==> flow/design.v <==
module times_top (clk_i, aresetn, lhs, rhs, prod);
  parameter integer W = 10;
  parameter integer COUNT = 5;
  localparam integer RW = 2*W + $clog2(COUNT);
  input clk_i;
  input aresetn;
  input [COUNT*W-1:0] lhs;
  input [COUNT*W-1:0] rhs;
  output [RW-1:0] prod;
  reg [RW-1:0] t;
  integer k;
  always @* begin
    t = 0;
    for (k = 0; k < COUNT; k = k + 1)
      t = t + lhs[k*W +: W] * rhs[k*W +: W];
  end
  reg [RW-1:0] prod_r;
  always @(posedge clk_i or negedge aresetn) begin
    if (~aresetn) begin
      prod_r <= 0;
    end else begin
      prod_r <= t;
    end
  end
  assign prod = prod_r;
endmodule
# Tool chain data of times_top
# The steps from the RTL of times_top to its reports follow in flow order.
# Line numbers count from 1 in the design file above.
# Cell names lack the library's common part.
# The mark - stands for no value.
# setup
design	times_top
clock	clk_i
cell_library	sky130hd
lib_corner	tt_025C_1v80

# After elaboration
# Counts by Yosys on the flattened word-level netlist (proc, flatten, opt, wreduce; memories kept). Register bits leave out memories and registers merged into their read ports (data or address); mux counts leave out enables and synchronous resets folded into registers. Print and check cells are left out. Cells with the same type and inputs are merged into one.
# word_totals
reg_bits	23
inputBits	102
out_inout_bits	23
elab_cells	10
# classes
add_sub_neg	4
mul	5
# ops
op	count
10-bit by 10-bit multiplier with 20-bit output	5
22-bit by 20-bit adder with 23-bit output	1
23-bit by 20-bit adder with 23-bit output	1
21-bit by 20-bit adder with 22-bit output	1
20-bit by 20-bit adder with 21-bit output	1

# Depth
# Yosys ltp: most cells in a row. Word level: on the elaborated netlist, between registers, memories and ports. Mapped: between sequential cells and ports; inverters and the memories' decode and read muxes count.
# logic_depth
depth_word	5
abc_area	0
depth_mapped	26
mapped_depth_nobuf	24

# After synthesis
# The flow's flattened synthesis, as Yosys stat reports it; memories are mapped. The netlist is that of the ABC_AREA named above (0 if unset); the other value can give another one.
# Totals and module areas in this step are rounded.
# mapped
cells	1946
mapped_area_mm2	0.01823
seqArea_mm2	0.0005756
ff_cells	23
buf_cells	57
# types
type	count	type_area_um2
fa_1	458	9.17E+03
ha_1	214	2.68E+03
inv_1	576	2.16E+03
and2_1	311	1.95E+03
nand2_1	199	746.966
dfrtp_1	23	575.552
clkbuf_1	56	210.202
a21o_1	13	97.594
xnor2_1	9	78.826
xor2_1	8	70.067
o21ai_0	10	50.048
nor2_1	13	48.797
a21oi_1	9	45.043
o21a_1	5	37.536
a211oi_1	4	30.029
nor3_1	5	25.024
o21bai_1	3	22.522
a221o_1	2	20.019
# Other cell types: 24; their cells: 28.

# Path before layout
# OpenSTA on the mapped netlist: ideal clock, no wires. The path of least setup slack (recovery checks aside). Input and output delay are each 20% of the period. Register names are those of the netlist, which keeps one name where synthesis merged equal registers.
# synth_path
path_type	input to register
from	input port rhs[2]
to	register prod_r[21]
period_ns	10.4
input_delay_ns	2.080
setup_time_ns	0.080
t_first_pin_ns	2.080
arrival_time_ns	8.642
required_time_ns	10.320
slack_ns	1.678
delay_ns	6.642
driving_pins	24
path_buffers	1
synth_period_reached_ns	8.722
# "delay_ns" = arrival - input delay + setup time.
# "driving_pins" counts driving pins, that of a launching flip-flop among them; a cell with two outputs on the path counts twice.
# "synth_period_reached_ns" = period - worst setup slack (recovery checks aside). The figure is calculated, with input and output delays left at 20% of the set period.
# The rows between start and end are the longest chain of elaborated cells between them; the timing report does not say that the signal goes this way. Where chains are equally long, one stands for them.
# Each line given opens the expression or statement behind the cell; cells for indexed reads and writes are added by Yosys, which also makes memories of some case tables.
# synth_between
cell_sequence	clkbuf_1 nand2_1 fa_1 inv_1 fa_1 inv_1 fa_1 inv_1 fa_1 inv_1 fa_1 inv_1 fa_1 fa_1 fa_1 inv_1 fa_1 inv_1 ha_1 and3_1 a221o_1 a221o_1 a211oi_2 xnor2_1
elab_chain_len	5
cells_between	5
lines_between	1
cone_classes	add/sub: 4; mul: 1
# synth_rtl
element	line	rtl
from (decl)	8	input [COUNT*W-1:0] rhs;
10-bit by 10-bit multiplier with 20-bit output	15	t = t + lhs[k*W +: W] * rhs[k*W +: W];
20-bit by 20-bit adder with 21-bit output	15
21-bit by 20-bit adder with 22-bit output	15
22-bit by 20-bit adder with 23-bit output	15
23-bit by 20-bit adder with 23-bit output	15
to (assign)	20	prod_r <= 0;
to (assign)	22	prod_r <= t;
to (decl)	17	reg [RW-1:0] prod_r;

# Timing after layout
# From the final timing report of record 1: the path of least setup slack in the routed layout; clock arrival at registers is part of the times.
# layout_path
path_type	input to register
from	input port lhs[3]
to	register prod_r[21]
period_ns	7.95
input_delay_ns	1.59
setup_time_ns	0.08
t_first_pin_ns	1.59
arrival_time_ns	8.42
required_time_ns	8.12
slack_ns	-0.29
driving_pins	23
path_buffers	2
# The rows between start and end are the longest chain of elaborated cells between them; the timing report does not say that the signal goes this way. Where chains are equally long, one stands for them.
# layout_between
cell_sequence	dlygate4sd2_1 buf_6 nand2_4 fa_2 fa_1 fa_1 inv_1 fa_1 inv_2 fa_1 inv_2 fa_1 fa_2 fa_1 inv_2 fa_1 inv_2 ha_4 and3_4 a221o_1 a221o_1 a211oi_2 xnor2_1
elab_chain_len	5
cells_between	5
lines_between	1
cone_classes	add/sub: 4; mul: 1
# layout_rtl
element	line	rtl
from (decl)	7	input [COUNT*W-1:0] lhs;
10-bit by 10-bit multiplier with 20-bit output	15	t = t + lhs[k*W +: W] * rhs[k*W +: W];
20-bit by 20-bit adder with 21-bit output	15
21-bit by 20-bit adder with 22-bit output	15
22-bit by 20-bit adder with 23-bit output	15
23-bit by 20-bit adder with 23-bit output	15
to (assign)	20	prod_r <= 0;
to (assign)	22	prod_r <= t;
to (decl)	17	reg [RW-1:0] prod_r;

# Measured results for times_top: 3 stored runs of the Yosys and OpenROAD flow on sky130hd. The settings differ; the order carries no meaning. The constraints put input and output delay at 20% of the set period each and load the outputs with 0.01 pF.
# "timing.achieved_period_ns" means the clock period less the worst setup slack. The figure is calculated, with input and output delays left at 20% of the set period.
# Results are given in rounded form.
# Settings: . = not set for that run.
# A result given as . is not shown for that run.
run name	period_ns	CORE_UTILIZATION	PLACE_DENSITY_LB_ADDON	CORE_ASPECT_RATIO	CTS_CLUSTER_DIAMETER	SLEW_MARGIN	CAP_MARGIN	CORE_MARGIN	SETUP_SLACK_MARGIN	CELL_PAD_IN_SITES_GLOBAL_PLACEMENT	CELL_PAD_IN_SITES_DETAIL_PLACEMENT	TNS_END_PERCENT	ABC_AREA	GPL_TIMING_DRIVEN	timing.achieved_period_ns	finalUtil_frac	synthArea_mm2	design.die.area_mm2	ws_setup_ns
record 1	7.95	23	0.29	1.83	209	0	20	2	.	.	.	.	.	.	8.241	0.311	0.01823	0.08163	-0.291
record 2	7.46	56	.	1.55	296	20	20	2	-0.22	3	1	30	1	0	.	.	.	.	.
record 3	10.4	40	.	.	.	20	20	2	.	.	.	.	.	.	9.375	0.446	0.01823	0.0473	1.025
# Record 2: unfinished; error GPL-0301 in placement
